==> flow/design.v <==
module my_summer_stage #(
   parameter DW = 40
) (
   input  wire clk_i,
   input  wire [DW-1:0] lhs_i,
   input  wire [DW-1:0] rhs_i,
   output reg [DW:0] out_o
);
   reg [DW-1:0] lhs_r;
   reg [DW-1:0] rhs_r;
   always @(posedge clk_i) begin
      lhs_r <= lhs_i;
      rhs_r <= rhs_i;
      out_o <= lhs_r + rhs_r;
   end
endmodule
# Step by step through the tools: my_summer_stage
# What the tools print for my_summer_stage, step after step.
# Line numbers count from 1 in the design file above.
# Operators: Yosys type, input widths -> output width; for muxes data width and select width s.
# Cell names lack the library's common part.
# The mark - stands for no value.
# design
top_module	my_summer_stage
clock	clk_i
lib	sky130hd
pvt_corner	tt_025C_1v80

# Word-level counts
# Yosys after proc, flatten, opt, wreduce and memory -nomap, before mapping. Enables and synchronous resets that opt folds into registers are not counted as muxes. Memory bits, and registers merged into a memory's read port (data or address), are not among the register bits. Print and check cells are not counted. Equal cells are merged and count once.
# word_totals
reg_bits	121
in_bits	81
out_inout_bits	41
elab_cells	4
# classes
add_sub_neg	1
# op_table
op	n
$add 40x40->41	1

# Logic depth
# Depth = most cells in a row (Yosys ltp): at word level without a register or memory, in the mapped netlist without a sequential cell, where the memories' decode and read muxes count.
# depth
ltp_word	1
ABC_AREA	0
ltp_mapped	11
ltp_nobuf	11

# Synthesis result
# Yosys stat after the flow's synthesis: flattened, memories mapped to cells. It holds for the ABC_AREA given above (unset counts as 0); a run with the other value may have another netlist.
# types
cell	n	type_area_um2
dfxtp_1	121	2.42E+03
ha_1	40	500.48
a21oi_1	47	235.226
xnor2_1	20	175.168
xor2_1	17	148.893
a21o_1	18	135.13
o21ai_0	24	120.115
nand2_1	24	90.086
nand4_1	12	75.072
nand3_1	11	55.053
nor2_1	13	48.797
o21a_1	6	45.043
a211oi_1	5	37.536
o21bai_1	5	37.536
buf_4	4	30.029
clkbuf_1	7	26.275
a31oi_1	4	25.024
o31ai_1	3	22.522
# Other cell types: 25; their cells: 39.
# synth_totals
stdcells	420
synth_area_mm2	0.0045256
seqArea_mm2	0.0024223
ffs	121
buffers	13

# Timing after synthesis
# OpenSTA on the mapped netlist: ideal clock, no wires. The path of least setup slack (recovery checks aside). Input and output delay are each 20% of the period. Register names are those of the netlist, which keeps one name where synthesis merged equal registers.
# synth_path
path_type	flip-flop to flip-flop
from	register lhs_r[0]
to	register out_o[30]
tclk_ps	3360
setup_ps	127
t_first_pin_ps	0
t_arrival_ps	2564
required_time_ps	3233
path_slack_ps	669
path_delay_ps	2691
driving_pins	12
n_path_buf	0
synth_period_reached_ps	2691
# "path_delay_ps" is the arrival time less input delay plus setup time.
# "driving_pins": output pins that drive a net of the path, with the launching flip-flop's if there is one; two outputs of one cell count as two.
# "synth_period_reached_ps" = period - worst setup slack (recovery checks aside). The figure is calculated, with input and output delays left at 20% of the set period.
# The rows between start and end are the longest chain of elaborated cells between them; the timing report does not say that the signal goes this way. Where chains are equally long, one stands for them.
# Each line given opens the expression or statement behind the cell; cells for indexed reads and writes are added by Yosys, which also makes memories of some case tables.
# synth_via
cell_sequence	dfxtp_1 -> ha_1 -> fa_1 -> a211o_1 -> a21oi_1 -> a211oi_1 -> nand2_1 -> nand3_1 -> nor4b_1 -> or3b_2 -> a21oi_1 -> xnor2_1
elab_chain_len	1
cone_cells	1
cone_lines	1
cone_classes	1 x add/sub
# synth_lines
item	line	text
from (decl)	9	reg [DW-1:0] lhs_r;
from (assign)	12	lhs_r <= lhs_i;
$add 40x40->41	14	out_o <= lhs_r + rhs_r;
to (assign)	14
to (decl)	7	output reg [DW:0] out_o

# Path in the finished layout
# From the final timing report of record 1: the path of least setup slack in the routed layout; clock arrival at registers is part of the times.
# The path's times are printed in steps of 10 ps; the period is the one set.
# layout_path
path_type	flip-flop to flip-flop
from	register lhs_r[0]
to	register out_o[30]
tclk_ps	3360
setup_ps	70
t_first_pin_ps	410
t_arrival_ps	3310
required_time_ps	3700
path_slack_ps	390
driving_pins	12
n_path_buf	0
# The rows between start and end are the longest chain of elaborated cells between them; the timing report does not say that the signal goes this way. Where chains are equally long, one stands for them.
# layout_via
cell_sequence	dfxtp_1 -> ha_1 -> fa_1 -> a211o_1 -> a21oi_1 -> a211oi_1 -> nand2_1 -> nand3_1 -> nor4b_1 -> or3b_2 -> a21oi_1 -> xnor2_1
elab_chain_len	1
cone_cells	1
cone_lines	1
cone_classes	1 x add/sub
# layout_lines
item	line	text
from (decl)	9	reg [DW-1:0] lhs_r;
from (assign)	12	lhs_r <= lhs_i;
$add 40x40->41	14	out_o <= lhs_r + rhs_r;
to (assign)	14
to (decl)	7	output reg [DW:0] out_o

# Module my_summer_stage, platform sky130hd: 3 stored runs of the flow (Yosys, OpenROAD) with differing settings, in no particular order. Input and output delays are each 20% of the period that was set; the output load is 0.01 pF.
# "timing.achieved_period_ps" is the run's clock period less its worst setup slack. It is reckoned from that one timing run; input and output delays stay at 20% of the period that was set.
# "fin_power_w" rests on the timing tool's default activity at the inputs, not on a simulated workload.
# Settings: n/a = not set for that run.
# A result given as n/a is not shown for that run.
stored run	period_ns	CAP_MARGIN	CORE_MARGIN	CORE_UTILIZATION	SLEW_MARGIN	SETUP_SLACK_MARGIN	PLACE_DENSITY_LB_ADDON	TNS_END_PERCENT	ABC_AREA	GPL_ROUTABILITY_DRIVEN	CTS_CLUSTER_SIZE	MIN_ROUTING_LAYER	CORE_ASPECT_RATIO	CELL_PAD_IN_SITES_GLOBAL_PLACEMENT	CELL_PAD_IN_SITES_DETAIL_PLACEMENT	CTS_CLUSTER_DIAMETER	MAX_ROUTING_LAYER	yosys.chip_area_mm2	dieArea_mm2	util_pct	setup_ws_ps	fin_hold_ws_ps	fin_power_w	timing.achieved_period_ps
record 1	3.36	20	2	40	20	n/a	n/a	n/a	n/a	n/a	n/a	n/a	n/a	n/a	n/a	n/a	n/a	0.0045256	0.0121804	59.4	391	456	0.00442	2969
record 2	2.31	20	2	62	20	0.52	0.01	90	0	0	40	met2	n/a	n/a	n/a	n/a	n/a	n/a	n/a	n/a	n/a	n/a	n/a	n/a
record 3	2.07	20	2	20	15	n/a	0.02	40	n/a	1	20	met1	0.76	0	1	321	met4	0.0045256	0.023859	35.4	-433	436	0.007411	2503
# Record 2: incomplete, clock tree synthesis halted on DPL-0038
